==> flow/design.v <==
module alu_switch_v2 #(
  parameter int DWIDTH = 20,
  parameter int NIN = 2,
  parameter int SW = $clog2(NIN)
) (
  input logic ck,
  input logic rst_n,
  input logic [NIN*DWIDTH-1:0] ch,
  input logic [SW-1:0] sel,
  output logic [DWIDTH-1:0] z_o
);
  logic [NIN*DWIDTH-1:0] r_ch;
  always_ff @(posedge ck) begin
    if (!rst_n) begin
      r_ch <= 0;
    end else begin
      r_ch <= ch;
    end
  end
  logic [SW-1:0] r_sel;
  always_ff @(posedge ck) begin
    if (!rst_n) begin
      r_sel <= 0;
    end else begin
      r_sel <= sel;
    end
  end
  wire [DWIDTH-1:0] n_ [1:2*NIN-1];
  for (genvar ii = 0; ii < NIN; ii++) begin : g_bit
    assign n_[NIN+ii] = r_ch[ii*DWIDTH +: DWIDTH];
  end
  for (genvar ii = 1; ii < NIN; ii++) begin : slice
    assign n_[ii] = r_sel[SW - $clog2(ii+1)] ? n_[2*ii+1] : n_[2*ii];
  end
  assign z_o = n_[1];
endmodule
Step by step through the tools: alu_switch_v2
A sweep over "DWIDTH": the same steps for each member of the family.
The RTL above is that of DWIDTH = 20; lines are counted from 1 in the file of the member named.
Operators: Yosys type, input widths -> output width; for muxes data width and select width s.
Cell names lack the library's common part.
{"block": "inputs", "design": "alu_switch_v2", "clock_port": "ck", "cell_library": "sky130hd", "corner": "tt_025C_1v80"}

Source of the members
New or changed lines of each further member against the RTL above, in its own file; lines it lacks are not shown.
{"block": "src_changes", "DWIDTH": 24, "line_no": 2, "rtl": "parameter int DWIDTH = 24,"}
{"block": "src_changes", "DWIDTH": 32, "line_no": 2, "rtl": "parameter int DWIDTH = 32,"}
{"block": "src_changes", "DWIDTH": 48, "line_no": 2, "rtl": "parameter int DWIDTH = 48,"}
{"block": "src_changes", "DWIDTH": 64, "line_no": 2, "rtl": "parameter int DWIDTH = 64,"}

Word level
Counts by Yosys on the flattened word-level netlist (proc, flatten, opt, wreduce). Print and check cells are left out. Cells with the same type and inputs are merged into one.
{"block": "op_classes", "DWIDTH": 20, "mux": 1}
{"block": "op_classes", "DWIDTH": 24, "mux": 1}
{"block": "op_classes", "DWIDTH": 32, "mux": 1}
{"block": "op_classes", "DWIDTH": 48, "mux": 1}
{"block": "op_classes", "DWIDTH": 64, "mux": 1}
{"block": "op_table", "DWIDTH": 20, "operators": "$mux 20 (1)"}
{"block": "op_table", "DWIDTH": 24, "operators": "$mux 24 (1)"}
{"block": "op_table", "DWIDTH": 32, "operators": "$mux 32 (1)"}
{"block": "op_table", "DWIDTH": 48, "operators": "$mux 48 (1)"}
{"block": "op_table", "DWIDTH": 64, "operators": "$mux 64 (1)"}
{"block": "word_totals", "DWIDTH": 20, "word_cells": 3, "reg_bits": 41, "input_bits": 43, "output_inout_bits": 20}
{"block": "word_totals", "DWIDTH": 24, "word_cells": 3, "reg_bits": 49, "input_bits": 51, "output_inout_bits": 24}
{"block": "word_totals", "DWIDTH": 32, "word_cells": 3, "reg_bits": 65, "input_bits": 67, "output_inout_bits": 32}
{"block": "word_totals", "DWIDTH": 48, "word_cells": 3, "reg_bits": 97, "input_bits": 99, "output_inout_bits": 48}
{"block": "word_totals", "DWIDTH": 64, "word_cells": 3, "reg_bits": 129, "input_bits": 131, "output_inout_bits": 64}

Depth
Yosys ltp: most cells in a row. Word level: on the elaborated netlist, between registers, memories and ports. Mapped: between sequential cells and ports; inverters and the memories' decode and read muxes count.
{"block": "logic_depth", "DWIDTH": 20, "depth_word": 1, "abc_area": 0, "mapped_depth": 2, "ltp_nobuf": 1}
{"block": "logic_depth", "DWIDTH": 24, "depth_word": 1, "abc_area": 0, "mapped_depth": 3, "ltp_nobuf": 1}
{"block": "logic_depth", "DWIDTH": 32, "depth_word": 1, "abc_area": 0, "mapped_depth": 3, "ltp_nobuf": 1}
{"block": "logic_depth", "DWIDTH": 48, "depth_word": 1, "abc_area": 0, "mapped_depth": 3, "ltp_nobuf": 1}
{"block": "logic_depth", "DWIDTH": 64, "depth_word": 1, "abc_area": 0, "mapped_depth": 3, "ltp_nobuf": 1}

Netlist
The flow's flattened synthesis, as Yosys stat reports it; memories are mapped. The netlist is that of the ABC_AREA named above (0 if unset); the other value can give another one.
Totals and module areas in this step are rounded.
{"block": "synth_totals", "DWIDTH": 20, "stdcells": 108, "sequential_area_mm2": 0.0008208, "synth_area_mm2": 0.00142, "ffs": 41, "n_buf": 6}
{"block": "synth_totals", "DWIDTH": 24, "stdcells": 130, "sequential_area_mm2": 0.0009809, "synth_area_mm2": 0.001705, "ffs": 49, "n_buf": 8}
{"block": "synth_totals", "DWIDTH": 32, "stdcells": 173, "sequential_area_mm2": 0.001301, "synth_area_mm2": 0.002286, "ffs": 65, "n_buf": 11}
{"block": "synth_totals", "DWIDTH": 48, "stdcells": 257, "sequential_area_mm2": 0.001942, "synth_area_mm2": 0.003251, "ffs": 97, "n_buf": 15}
{"block": "synth_totals", "DWIDTH": 64, "stdcells": 343, "sequential_area_mm2": 0.002582, "synth_area_mm2": 0.004534, "ffs": 129, "n_buf": 21}
{"block": "types", "DWIDTH": 20, "type_list": "dfxtp_1 (41); mux2_4 (20); and2_1 (41); buf_6 (2); buf_2 (4)"}
{"block": "types", "DWIDTH": 24, "type_list": "dfxtp_1 (49); and2_1 (49); mux2_4 (20); mux2_2 (4); buf_12 (2); buf_6 (1); clkbuf_1 (3); buf_2 (1); clkbuf_2 (1)"}
{"block": "types", "DWIDTH": 32, "type_list": "dfxtp_1 (65); mux2_4 (30); and2_1 (65); buf_12 (3); clkbuf_2 (5); mux2_2 (2); buf_6 (1); buf_2 (1); clkbuf_1 (1)"}
{"block": "types", "DWIDTH": 48, "type_list": "dfxtp_1 (97); and2_1 (97); mux2_2 (28); mux2_4 (20); buf_6 (3); clkbuf_1 (6); buf_2 (3); clkbuf_2 (3)"}
{"block": "types", "DWIDTH": 64, "type_list": "dfxtp_1 (129); mux2_4 (60); and2_1 (129); buf_12 (6); clkbuf_2 (11); mux2_2 (4); buf_6 (1); clkbuf_1 (2); buf_2 (1)"}

Timing after synthesis
Path of least setup slack by OpenSTA after synthesis, without wires, with an ideal clock, recovery checks aside; 20% of the period is set as input and as output delay. Where synthesis merged equal registers, the netlist keeps one of their names.
{"block": "synth_timing", "DWIDTH": 20, "kind": "reg-to-output", "startpoint": "register r_sel", "endpoint": "output port z_o[0]", "slack_ns": 0.206, "driving_pins": 3, "tclk_ns": 1.29, "delay_ns": 0.826, "synth_period_reached_ns": 1.084}
{"block": "synth_timing", "DWIDTH": 24, "kind": "reg-to-output", "startpoint": "register r_sel", "endpoint": "output port z_o[10]", "slack_ns": 0.218, "driving_pins": 4, "tclk_ns": 1.37, "delay_ns": 0.878, "synth_period_reached_ns": 1.152}
{"block": "synth_timing", "DWIDTH": 32, "kind": "reg-to-output", "startpoint": "register r_sel", "endpoint": "output port z_o[0]", "slack_ns": 0.220, "driving_pins": 4, "tclk_ns": 1.38, "delay_ns": 0.884, "synth_period_reached_ns": 1.16}
{"block": "synth_timing", "DWIDTH": 48, "kind": "reg-to-output", "startpoint": "register r_sel", "endpoint": "output port z_o[26]", "slack_ns": 0.236, "driving_pins": 4, "tclk_ns": 1.49, "delay_ns": 0.956, "synth_period_reached_ns": 1.254}
{"block": "synth_timing", "DWIDTH": 64, "kind": "reg-to-output", "startpoint": "register r_sel", "endpoint": "output port z_o[10]", "slack_ns": 0.235, "driving_pins": 4, "tclk_ns": 1.48, "delay_ns": 0.949, "synth_period_reached_ns": 1.245}
"delay_ns" is the arrival time less input delay plus setup time.
A path that ends at an output port has no setup time.
"driving_pins" counts driving pins, that of a launching flip-flop among them; a cell with two outputs on the path counts twice.
"synth_period_reached_ns" is the clock period less the worst setup slack; recovery checks do not enter. This is arithmetic on one report: input and output delays are still those of the set period (20% each).
The rows between start and end are the longest chain of elaborated cells between them; the timing report does not say that the signal goes this way. Where chains are equally long, one stands for them.
Each line given opens the expression or statement behind the cell; cells for indexed reads and writes are added by Yosys, which also makes memories of some case tables.
{"block": "synth_via_DWIDTH_20", "elab_chain_cells": 1}
{"block": "synth_lines_DWIDTH_20", "element": "start: declaration", "line_no": 20, "rtl": "logic [SW-1:0] r_sel;"}
{"block": "synth_lines_DWIDTH_20", "element": "start: assignment", "line_no": 23, "rtl": "r_sel <= 0;"}
{"block": "synth_lines_DWIDTH_20", "element": "start: assignment", "line_no": 25, "rtl": "r_sel <= sel;"}
{"block": "synth_lines_DWIDTH_20", "element": "$mux 20", "line_no": 33, "rtl": "assign n_[ii] = r_sel[SW - $clog2(ii+1)] ? n_[2*ii+1] : n_[2*ii];"}
{"block": "synth_lines_DWIDTH_20", "element": "end: declaration", "line_no": 10, "rtl": "output logic [DWIDTH-1:0] z_o"}
{"block": "synth_via_DWIDTH_64", "elab_chain_cells": 1}
{"block": "synth_lines_DWIDTH_64", "element": "start: declaration", "line_no": 20, "rtl": "logic [SW-1:0] r_sel;"}
{"block": "synth_lines_DWIDTH_64", "element": "start: assignment", "line_no": 23, "rtl": "r_sel <= 0;"}
{"block": "synth_lines_DWIDTH_64", "element": "start: assignment", "line_no": 25, "rtl": "r_sel <= sel;"}
{"block": "synth_lines_DWIDTH_64", "element": "$mux 64", "line_no": 33, "rtl": "assign n_[ii] = r_sel[SW - $clog2(ii+1)] ? n_[2*ii+1] : n_[2*ii];"}
{"block": "synth_lines_DWIDTH_64", "element": "end: declaration", "line_no": 10, "rtl": "output logic [DWIDTH-1:0] z_o"}

Worst path after layout
Path of least setup slack in the final report of the run of each member (OpenROAD, finished layout, wires in). Where an end is a register, its clock arrival counts in the times.
{"block": "layout_timing", "DWIDTH": 20, "kind": "reg-to-output", "startpoint": "register r_sel", "endpoint": "output port z_o[3]", "tclk_ns": 1.29, "driving_pins": 4, "n_path_buf": 2, "t_arrival_ns": 1.32, "slack_ns": -0.29}
{"block": "layout_timing", "DWIDTH": 24, "kind": "reg-to-output", "startpoint": "register r_sel", "endpoint": "output port z_o[14]", "tclk_ns": 1.37, "driving_pins": 4, "n_path_buf": 2, "t_arrival_ns": 1.26, "slack_ns": -0.16}
{"block": "layout_timing", "DWIDTH": 32, "kind": "reg-to-output", "startpoint": "register r_sel", "endpoint": "output port z_o[9]", "tclk_ns": 1.38, "driving_pins": 5, "n_path_buf": 3, "t_arrival_ns": 1.39, "slack_ns": -0.29}
{"block": "layout_timing", "DWIDTH": 48, "kind": "reg-to-output", "startpoint": "register r_sel", "endpoint": "output port z_o[34]", "tclk_ns": 1.49, "driving_pins": 6, "n_path_buf": 4, "t_arrival_ns": 1.51, "slack_ns": -0.32}
{"block": "layout_timing", "DWIDTH": 64, "kind": "reg-to-output", "startpoint": "register r_sel", "endpoint": "output port z_o[42]", "tclk_ns": 1.48, "driving_pins": 6, "n_path_buf": 4, "t_arrival_ns": 1.60, "slack_ns": -0.42}

Flow runs
One run of the flow (Yosys, OpenROAD) for each member, with settings and measured results. Input and output delays are each 20% of the period that was set; the output load is 0.01 pF.
{"block": "flow_settings", "CAP_MARGIN": 20, "CORE_MARGIN": 2, "CORE_UTILIZATION": 40, "SLEW_MARGIN": 20}
{"block": "settings_diff", "DWIDTH": 20, "period_ns": 1.29}
{"block": "settings_diff", "DWIDTH": 24, "period_ns": 1.37}
{"block": "settings_diff", "DWIDTH": 32, "period_ns": 1.38}
{"block": "settings_diff", "DWIDTH": 48, "period_ns": 1.49}
{"block": "settings_diff", "DWIDTH": 64, "period_ns": 1.48}
{"block": "results", "DWIDTH": 20, "achieved_clock_period_ns": 1.578, "synth_chip_area_mm2": 0.00142, "finish.stdcell_area_mm2": 0.002222, "setupTns_ns": -5.548, "fin_hold_ws_ns": 0.484, "layout_utilization_pct": 66.1, "final_die_area_mm2": 0.004043, "power_w": 0.002616, "final_setup_ws_ns": -0.288}
{"block": "results", "DWIDTH": 24, "achieved_clock_period_ns": 1.533, "synth_chip_area_mm2": 0.001705, "finish.stdcell_area_mm2": 0.00263, "setupTns_ns": -3.590, "fin_hold_ws_ns": 0.539, "layout_utilization_pct": 64.8, "final_die_area_mm2": 0.004802, "power_w": 0.002772, "final_setup_ws_ns": -0.163}
{"block": "results", "DWIDTH": 32, "achieved_clock_period_ns": 1.667, "synth_chip_area_mm2": 0.002286, "finish.stdcell_area_mm2": 0.003638, "setupTns_ns": -7.394, "fin_hold_ws_ns": 0.519, "layout_utilization_pct": 66.1, "final_die_area_mm2": 0.006335, "power_w": 0.004403, "final_setup_ws_ns": -0.287}
{"block": "results", "DWIDTH": 48, "achieved_clock_period_ns": 1.811, "synth_chip_area_mm2": 0.003251, "finish.stdcell_area_mm2": 0.005388, "setupTns_ns": -12.74, "fin_hold_ws_ns": 0.412, "layout_utilization_pct": 69.0, "final_die_area_mm2": 0.008863, "power_w": 0.005452, "final_setup_ws_ns": -0.321}
{"block": "results", "DWIDTH": 64, "achieved_clock_period_ns": 1.900, "synth_chip_area_mm2": 0.004534, "finish.stdcell_area_mm2": 0.00758, "setupTns_ns": -20.75, "fin_hold_ws_ns": 0.323, "layout_utilization_pct": 69.3, "final_die_area_mm2": 0.0122, "power_w": 0.009517, "final_setup_ws_ns": -0.420}
"achieved_clock_period_ns" is the run's clock period less its worst setup slack. It is reckoned from that one timing run; input and output delays stay at 20% of the period that was set.
By "power_w" is meant OpenSTA's value without simulated activity: inputs other than the clock are taken to toggle once in ten clock periods, and the tool carries that through the logic.
Measured values are rounded.
